==> flow/design.v <==
module ram_block_rtl #(
   parameter int NREGS = 12,
   parameter int WD = 24,
   parameter int RP = 3,
   parameter int ADDR_W = $clog2(NREGS)
) (
   input logic clk_i,
   input logic wen,
   input logic [ADDR_W-1:0] wsel,
   input logic [WD-1:0] write_data,
   input logic [RP*ADDR_W-1:0] rsel,
   output logic [RP*WD-1:0] rd
);
   logic [NREGS*WD-1:0] ram;
   generate
      for (genvar g = 0; g < NREGS; g++) begin : each
         always_ff @(posedge clk_i)
            if (wen && wsel == g) ram[g*WD +: WD] <= write_data;
      end
   endgenerate
   logic [RP*WD-1:0] work;
   always_comb begin
      work = '0;
      for (int j = 0; j < RP; j++) begin
         for (int n = 0; n < NREGS; n++)
            work[j*WD +: WD] = work[j*WD +: WD] | (ram[n*WD +: WD] & {WD{rsel[j*ADDR_W +: ADDR_W] == n}});
      end
   end
   assign rd = work;
endmodule
# Step by step through the tools: ram_block_rtl
# What the tools print for ram_block_rtl, step after step.
# Lines are those of the file above, counted from 1.
# Operators: Yosys type, input widths -> output width; for muxes data width and select width s.
# Library cell names are shortened.
# A cell with n/a has no value.
# setup
design,ram_block_rtl
clk_port,clk_i
lib,sky130hd
corner,tt_025C_1v80

# Word-level counts
# Yosys after proc, flatten, opt, wreduce and memory -nomap, before mapping. Enables and synchronous resets that opt folds into registers are not counted as muxes. Memory bits, and registers merged into a memory's read port (data or address), are not among the register bits. Print and check cells are not counted. Equal cells are merged and count once.
# op_classes
addsub,0
mul,0
div,0
cmp,0
eq_ne,44
n_shift,0
muxes,0
bitwise,69
reduce_logical,16
# op_table
op,n
$and 24x24->24,36
$or 24x24->24,33
$eq 4x3->1 const B,16
$eq 4x4->1 const B,16
$eq 4x2->1 const B,8
$eq 4x1->1 const B,4
$logic_not 4->1,4
$logic_and 1x1->1,12
# word_totals
reg_bits,288
latchBits,0
ramBits,0
rom_bits,0
clocked_rd_ports_x_width,0
mem_count,0
input_bits,42
out_inout_bits,72
elab_cells,141

# Depth
# Longest topological path by Yosys (ltp), each cell counted once; first at word level (registers and memories cut), then after technology mapping (sequential cells cut; the memories' decode and read muxes count).
# logic_depth
depth_word,13
ABC_AREA,0
depth_mapped,8
mapped_depth_nobuf,4

# Netlist
# The flow's flattened synthesis, as Yosys stat reports it; memories are mapped. The netlist is that of the ABC_AREA named above (0 if unset); the other value can give another one.
# The area totals of this step are shown rounded.
# types
cell,n,type_area_um2
edfxtp_1,288,8.65E+03
a22oi_1,126,945.907
mux2_2,62,698.17
a22o_1,58,507.987
mux2i_1,44,440.422
a221oi_1,50,437.92
a32oi_1,47,411.645
mux4_2,15,337.824
buf_2,64,320.307
nor2_1,61,228.97
nor2b_1,36,225.216
a32o_1,18,180.173
o21ai_0,35,175.168
a21oi_1,30,150.144
o22ai_1,24,150.144
nand2_1,36,135.13
buf_4,17,127.622
o211ai_1,17,127.622
# Not listed: further types 43, cells in them 293.
# synth_totals
stdcells,1321
area_um2,16200
seqArea_um2,8650
ffs,288
buffers,128

# Timing after synthesis
# Path of least setup slack by OpenSTA after synthesis, without wires, with an ideal clock, recovery checks aside; 20% of the period is set as input and as output delay. Where synthesis merged equal registers, the netlist keeps one of their names.
# synth_timing
kind,input-to-reg
startpoint,input wsel[2]
endpoint,register ram[0]
clock_period_ns,4.09
in_delay_ns,0.818
setup_ns,0.435
launch_ns,0.818
t_arrival_ns,3.002
t_required_ns,3.655
setup_slack_ns,0.653
delay_ns,2.619
driving_pins,2
n_path_buf,0
period_less_setup_slack_ns,3.437
# "delay_ns" is the arrival time less input delay plus setup time.
# "driving_pins" counts driving pins, that of a launching flip-flop among them; a cell with two outputs on the path counts twice.
# "period_less_setup_slack_ns" = period - worst setup slack (recovery checks aside). The figure is calculated, with input and output delays left at 20% of the set period.
# The rows between start and end are the longest chain of elaborated cells between them; the timing report does not say that the signal goes this way. Where chains are equally long, one stands for them.
# A line is the first line of the expression or statement that the cell stems from. Yosys adds cells for indexed reads and writes and turns some case tables into memories.
# synth_between
cell_sequence,or3b_2 > nor3_1
elab_chain_cells,2
cone_cells,2
cone_lines,1
classes_between,2 x reduce/logical
# synth_rtl
element,line_no,text
from (decl),9,"input logic [ADDR_W-1:0] wsel,"
$logic_not 4->1,18,if (wen && wsel == g) ram[g*WD +: WD] <= write_data;
$logic_and 1x1->1,18,
to (assign),18,
to (decl),14,logic [NREGS*WD-1:0] ram;

# Worst path after layout
# Path of least setup slack in the final report of job 1 (OpenROAD, finished layout, wires in). Where an end is a register, its clock arrival counts in the times.
# layout_timing
kind,input-to-output
startpoint,input rsel[1]
endpoint,output rd[11]
clock_period_ns,5.58
in_delay_ns,1.12
output_delay_ns,1.12
launch_ns,1.12
t_arrival_ns,4.50
t_required_ns,4.46
setup_slack_ns,-0.03
driving_pins,8
n_path_buf,6
# The rows between start and end are the longest chain of elaborated cells between them; the timing report does not say that the signal goes this way. Where chains are equally long, one stands for them.
# layout_between
cell_sequence,clkdlybuf4s50_1 > buf_4 > buf_4 > buf_2 > clkbuf_4 > a221oi_1 > o22ai_1 > clkdlybuf4s50_1
elab_chain_cells,13
cone_cells,35
cone_lines,1
classes_between,11 x eq/ne; 23 x logic; 1 x reduce/logical
# layout_rtl
element,line_no,text
from (decl),11,"input logic [RP*ADDR_W-1:0] rsel,"
$logic_not 4->1,26,work[j*WD +: WD] = work[j*WD +: WD] | (ram[n*WD +: WD] & {WD{rsel[j*ADDR_W +: ADDR_W] == n}});
$and 24x24->24,26,
$or 24x24->24 x11,26,
to (decl),12,output logic [RP*WD-1:0] rd

# 2 stored runs of ram_block_rtl in the flow (synthesis by Yosys, layout by OpenROAD, sky130hd cells), in arbitrary order. Constraints: input delay and output delay 20% of the set period each, output load 0.01 pF.
# "achieved_clock_period_ns" = clock period - worst setup slack. The figure is calculated, with input and output delays left at 20% of the set period.
# "worst_path_time_ns" = time allowed to the worst setup path (clock period - input delay - output delay, where it has them) - its slack; a late launch clock adds to it, a late capture clock takes from it.
# "totalPower_uw" rests on the timing tool's default activity at the inputs, not on a simulated workload.
# The results are shown rounded.
# Settings: - = not set for that run.
run name,period_ns,CORE_UTILIZATION,SETUP_SLACK_MARGIN,PLACE_DENSITY_LB_ADDON,HOLD_SLACK_MARGIN,TNS_END_PERCENT,ABC_AREA,GPL_TIMING_DRIVEN,CTS_CLUSTER_SIZE,CTS_CLUSTER_DIAMETER,MAX_ROUTING_LAYER,CAP_MARGIN,CORE_MARGIN,SLEW_MARGIN,worst_setup_slack_ns,ws_hold_ns,final_die_area_um2,final_stdcell_area_um2,worst_path_time_ns,critical_path_kind,totalPower_uw,post_route_util_pct,timing.setup.tns_ns,achieved_clock_period_ns,post_synth_area_um2
job 1,5.58,18,0.17,0.25,-0.01,30,0,0,78,304,met4,20,2,20,-0.032,1.31,92700,19800,3.38,input-to-output,4420,22.0,-0.032,5.612,16200
job 2,4.09,40,-,-,-,-,-,-,-,-,-,20,2,20,0.053,1.09,42200,20200,2.40,input-to-output,7760,50.6,0.000,4.037,16200
